==> flow/design.v <==
module cmp_unit_p #(
   parameter W = 48
) (
   input wire clk,
   input wire adv,
   input wire [W-1:0] a,
   input wire [W-1:0] b,
   output reg a_gt_b,
   output reg lt
);
   reg [W-1:0] a_d1;
   reg [W-1:0] b_d1;
   always @(posedge clk) begin
      if (adv) begin
         a_d1 <= a;
         b_d1 <= b;
      end
   end
   reg g;
   reg l;
   integer k;
   always @(*) begin
      g = 1'b0;
      l = 1'b0;
      for (k = W-1; k >= 0; k = k - 1) begin
         if (!g && !l) begin
            g = a_d1[k] & ~b_d1[k];
            l = ~a_d1[k] & b_d1[k];
         end
      end
   end
   always @(posedge clk) begin
      if (adv) begin
         a_gt_b <= g;
         lt <= l;
      end
   end
endmodule
# From RTL to reports: cmp_unit_p
# Tool output for the design above, in the order of the flow.
# Lines are those of the file above, counted from 1.
# Operators carry their Yosys type and port widths (W data, S select, Z words).
# Library cell names are shortened.
setup:
  design: "cmp_unit_p"
  clk_port: "clk"
  library: "sky130hd"
  pvt_corner: "tt_025C_1v80"

# Word-level counts
# Source: Yosys, flattened and elaborated, memories not mapped. Widths are those after wreduce; folded enables and synchronous resets count as part of the registers. Registers that Yosys merges into a memory's read port (data or address) are not register bits. Print and check cells do not count. Equal cells are merged and count once.
bits:
  reg_bits: 98
  inputBits: 98
  out_inout_bits: 2
  wordCells: 431
classes:
  mux: 94
  bitwise: 192
  reduce_logical: 141
op_table:
  columns: ["operator", "n"]
  rows:
  - ["$and A1 B1 Y1", 96]
  - ["$not A1 Y1", 96]
  - ["$logic_not A1 Y1", 94]
  - ["$mux W1", 94]
  - ["$logic_and A1 B1 Y1", 47]

# Depth
# Depth = most cells in a row (Yosys ltp): at word level without a register or memory, in the mapped netlist without a sequential cell, where the memories' decode and read muxes count.
depth:
  depth_word: 143
  ABC_AREA: 0
  ltp_mapped: 9
  mapped_depth_nobuf: 9

# After synthesis
# Source: synth_stat.txt of the flow (Yosys; design flattened, memories mapped). It holds for the ABC_AREA given above (unset counts as 0); a run with the other value may have another netlist.
# Totals and module areas in this step are rounded.
mapped:
  stdcells: 291
  yosys_area_um2: 4240
  seq_area_um2: 2940
  ffs: 98
  buf_cells: 0
types:
  columns: ["type", "n", "area_total_um2"]
  rows:
  - ["edfxtp_1", 98, 2.94E+03]
  - ["maj3_1", 36, 360.346]
  - ["nor2b_1", 21, 131.376]
  - ["inv_1", 32, 120.115]
  - ["nand2b_1", 18, 112.608]
  - ["a21oi_1", 14, 70.067]
  - ["maj3_2", 6, 67.565]
  - ["o21ai_0", 12, 60.058]
  - ["a21o_1", 4, 30.029]
  - ["o21bai_1", 4, 30.029]
  - ["nand2_1", 7, 26.275]
  - ["ha_1", 2, 25.024]
  - ["o211ai_1", 3, 22.522]
  - ["a21bo_2", 2, 20.019]
  - ["nor2_1", 5, 18.768]
  - ["a21boi_0", 2, 15.014]
  - ["a221oi_2", 1, 15.014]
  - ["nand3_1", 3, 15.014]
# Not listed: further types 17, cells in them 21.

# Timing after synthesis
# Source: OpenSTA report_checks on the synthesized netlist (no wires, ideal clock, input and output delay 20% of the period each), path of least setup slack; recovery checks are left aside. Register names are those of the netlist, which keeps one name where synthesis merged equal registers.
synth_path:
  path_kind: "flip-flop to flip-flop"
  from: "register b_d1[22]"
  to: "register lt"
  clock_period_ns: 2.92
  setup_ns: 0.254
  launch_ns: 0.000
  arrival_time_ns: 2.079
  t_required_ns: 2.666
  path_slack_ns: 0.587
  delay_ns: 2.333
  stages: 9
  n_path_buf: 0
  period_less_setup_slack_ns: 2.333
# "delay_ns" = arrival - input delay + setup time.
# "stages": output pins that drive a net of the path, with the launching flip-flop's if there is one; two outputs of one cell count as two.
# "period_less_setup_slack_ns" = period - worst setup slack (recovery checks aside). The figure is calculated, with input and output delays left at 20% of the set period.
# Between the ends stands the longest chain of elaborated cells between them, by number of cells; it is not shown to be the way that was timed. Of several equally long chains one is given.
# Each line given opens the expression or statement behind the cell; cells for indexed reads and writes are added by Yosys, which also makes memories of some case tables.
synth_via:
  cell_sequence: "edfxtp_1 -> nor2b_4 -> maj3_2 -> maj3_2 -> maj3_2 -> a21o_1 -> a221oi_2 -> o21ai_1 -> a21o_1"
  elab_chain_cells: 69
  cone_cells: 114
  cone_lines: 3
  classes_between: "mux (45); logic (3); reduce/logical (66)"
synth_rtl:
  columns: ["element", "line", "text"]
  rows:
  - ["start: declaration", 12, "reg [W-1:0] b_d1;"]
  - ["start: assignment", 16, "b_d1 <= b;"]
  - ["$not A1 Y1", 27, "g = a_d1[k] & ~b_d1[k];"]
  - ["$and A1 B1 Y1", 27, null]
  - ["$mux W1", 26, "if (!g && !l) begin"]
  - ["$logic_not A1 Y1", 26, null]
  - ["$logic_and A1 B1 Y1", 26, null]
  - ["$mux W1", 26, null]
  - ["$logic_not A1 Y1", 26, null]
  - ["(+55 left out)", null, null]
  - ["$mux W1", 26, null]
  - ["$logic_not A1 Y1", 26, null]
  - ["$logic_and A1 B1 Y1", 26, null]
  - ["$mux W1", 26, null]
  - ["$logic_not A1 Y1", 26, null]
  - ["$logic_and A1 B1 Y1", 26, null]
  - ["$mux W1", 26, null]
  - ["end: assignment", 35, "lt <= l;"]
  - ["end: declaration", 9, "output reg lt"]

# Path in the finished layout
# From the final timing report of run 1: the path of least setup slack in the routed layout; clock arrival at registers is part of the times.
layout_path:
  path_kind: "flip-flop to flip-flop"
  from: "register a_d1[38]"
  to: "register a_gt_b"
  clock_period_ns: 2.92
  setup_ns: 0.25
  launch_ns: 0.35
  arrival_time_ns: 2.66
  t_required_ns: 3.01
  path_slack_ns: 0.36
  stages: 9
  n_path_buf: 0
# Between the ends stands the longest chain of elaborated cells between them, by number of cells; it is not shown to be the way that was timed. Of several equally long chains one is given.
layout_via:
  cell_sequence: "edfxtp_1 -> nor2b_1 -> maj3_2 -> maj3_2 -> maj3_2 -> o31ai_1 -> a21oi_1 -> o21ai_0 -> o211ai_1"
  elab_chain_cells: 117
  cone_cells: 194
  cone_lines: 3
  classes_between: "mux (77); logic (3); reduce/logical (114)"
layout_rtl:
  columns: ["element", "line", "text"]
  rows:
  - ["start: declaration", 11, "reg [W-1:0] a_d1;"]
  - ["start: assignment", 15, "a_d1 <= a;"]
  - ["$not A1 Y1", 28, "l = ~a_d1[k] & b_d1[k];"]
  - ["$and A1 B1 Y1", 28, null]
  - ["$mux W1", 26, "if (!g && !l) begin"]
  - ["$logic_not A1 Y1", 26, null]
  - ["$logic_and A1 B1 Y1", 26, null]
  - ["$mux W1", 26, null]
  - ["$logic_not A1 Y1", 26, null]
  - ["(+103 left out)", null, null]
  - ["$mux W1", 26, null]
  - ["$logic_not A1 Y1", 26, null]
  - ["$logic_and A1 B1 Y1", 26, null]
  - ["$mux W1", 26, null]
  - ["$logic_not A1 Y1", 26, null]
  - ["$logic_and A1 B1 Y1", 26, null]
  - ["$mux W1", 26, null]
  - ["end: assignment", 34, "a_gt_b <= g;"]
  - ["end: declaration", 8, "output reg a_gt_b,"]

==> results <==
Below are 3 stored runs of the flow (Yosys, OpenROAD; platform sky130hd) on cmp_unit_p, each with its settings and what was measured, unordered. Constraints: input delay and output delay 20% of the set period each, output load 0.01 pF.
"achievedPeriod_ns" is the run's clock period less its worst setup slack. It is reckoned from that one timing run; input and output delays stay at 20% of the period that was set.
By "worst_path_ns" is meant the share of the clock period that the worst setup path is allowed (20% is reserved at inputs, 20% at outputs), minus its slack. Clock arrival times at its registers enter into it.
"design_power_uw": no workload was simulated; the value follows from the tool's default switching activity.
The results are shown rounded.

--- run 1 ---
==> flow/run.sh <==
#!/bin/bash
# the make line also repeats the synthesis and layout settings of config.mk as NAME=value (left out here)
make -C /OpenROAD-flow-scripts/flow DESIGN_CONFIG=/design/flow/config.mk WORK_HOME=/design/flow/orfs CLKGATE_MAP_FILE= finish
==> flow/config.mk <==
export PLATFORM = sky130hd
export DESIGN_NAME = cmp_unit_p
export DESIGN_NICKNAME = cmp_unit_p
export VERILOG_FILES = /design/flow/design.v
export SDC_FILE = /design/flow/constraint.sdc
export NUM_CORES = 4
export LEC_CHECK = 0
export CAP_MARGIN = 20
export CORE_MARGIN = 2
export CORE_UTILIZATION = 40
export SLEW_MARGIN = 20
==> flow/constraint.sdc <==
create_clock -name core_clock -period 2.92 [get_ports {clk}]
set_input_delay 0.5840 -clock core_clock [delete_from_list [all_inputs] [get_ports {clk}]]
set_output_delay 0.5840 -clock core_clock [all_outputs]
set_load 0.01 [all_outputs]

==> results, as YAML <==
results:
  design_power_uw: 3050
  synth_chip_area_um2: 4240
  ws_hold_ns: 0.731
  fin_util_pct: 54.3
  ws_setup_ns: 0.358
  post_route_stdcell_area_um2: 5610
  worst_path_ns: 2.56
  critical_path_kind: "flip-flop to flip-flop"
  die_footprint_um2: 11400
  achievedPeriod_ns: 2.562
  tns_setup_ns: 0.000

--- run 2 ---
==> flow/run.sh <==
#!/bin/bash
# the make line also repeats the synthesis and layout settings of config.mk as NAME=value (left out here)
make -C /OpenROAD-flow-scripts/flow DESIGN_CONFIG=/design/flow/config.mk WORK_HOME=/design/flow/orfs CLKGATE_MAP_FILE= finish
==> flow/config.mk <==
export PLATFORM = sky130hd
export DESIGN_NAME = cmp_unit_p
export DESIGN_NICKNAME = cmp_unit_p
export VERILOG_FILES = /design/flow/design.v
export SDC_FILE = /design/flow/constraint.sdc
export NUM_CORES = 4
export LEC_CHECK = 0
export ABC_AREA = 0
export CAP_MARGIN = 20
export CELL_PAD_IN_SITES_DETAIL_PLACEMENT = 0
export CORE_MARGIN = 2
export CORE_UTILIZATION = 66
export GPL_TIMING_DRIVEN = 1
export PLACE_DENSITY = 0.87
export SLEW_MARGIN = 20
==> flow/constraint.sdc <==
create_clock -name core_clock -period 2.1 [get_ports {clk}]
set_input_delay 0.4200 -clock core_clock [delete_from_list [all_inputs] [get_ports {clk}]]
set_output_delay 0.4200 -clock core_clock [all_outputs]
set_load 0.01 [all_outputs]

==> results, as YAML <==
results:
  ws_setup_ns: -0.488
  achievedPeriod_ns: 2.588
  fin_util_pct: 90.5
  worst_path_ns: 2.59
  critical_path_kind: "flip-flop to flip-flop"
  ws_hold_ns: 0.598
  die_footprint_um2: 7080
  design_power_uw: 4320
  synth_chip_area_um2: 4240
  post_route_stdcell_area_um2: 5680
  tns_setup_ns: -0.959

--- run 3 ---
==> flow/run.sh <==
#!/bin/bash
# the make line also repeats the synthesis and layout settings of config.mk as NAME=value (left out here)
make -C /OpenROAD-flow-scripts/flow DESIGN_CONFIG=/design/flow/config.mk WORK_HOME=/design/flow/orfs CLKGATE_MAP_FILE= finish
==> flow/config.mk <==
export PLATFORM = sky130hd
export DESIGN_NAME = cmp_unit_p
export DESIGN_NICKNAME = cmp_unit_p
export VERILOG_FILES = /design/flow/design.v
export SDC_FILE = /design/flow/constraint.sdc
export NUM_CORES = 4
export LEC_CHECK = 0
export ABC_AREA = 0
export CAP_MARGIN = 40
export CELL_PAD_IN_SITES_DETAIL_PLACEMENT = 2
export CELL_PAD_IN_SITES_GLOBAL_PLACEMENT = 3
export CORE_ASPECT_RATIO = 0.53
export CORE_MARGIN = 4
export CORE_UTILIZATION = 50
export CTS_CLUSTER_DIAMETER = 219
export CTS_CLUSTER_SIZE = 51
export PLACE_DENSITY_LB_ADDON = 0.03
export SETUP_SLACK_MARGIN = 0.43
export SLEW_MARGIN = 20
==> flow/constraint.sdc <==
create_clock -name core_clock -period 2.99 [get_ports {clk}]
set_input_delay 0.5980 -clock core_clock [delete_from_list [all_inputs] [get_ports {clk}]]
set_output_delay 0.5980 -clock core_clock [all_outputs]
set_load 0.01 [all_outputs]

==> results, as YAML <==
outcome: "not finished: placement ended with error FLW-0024"
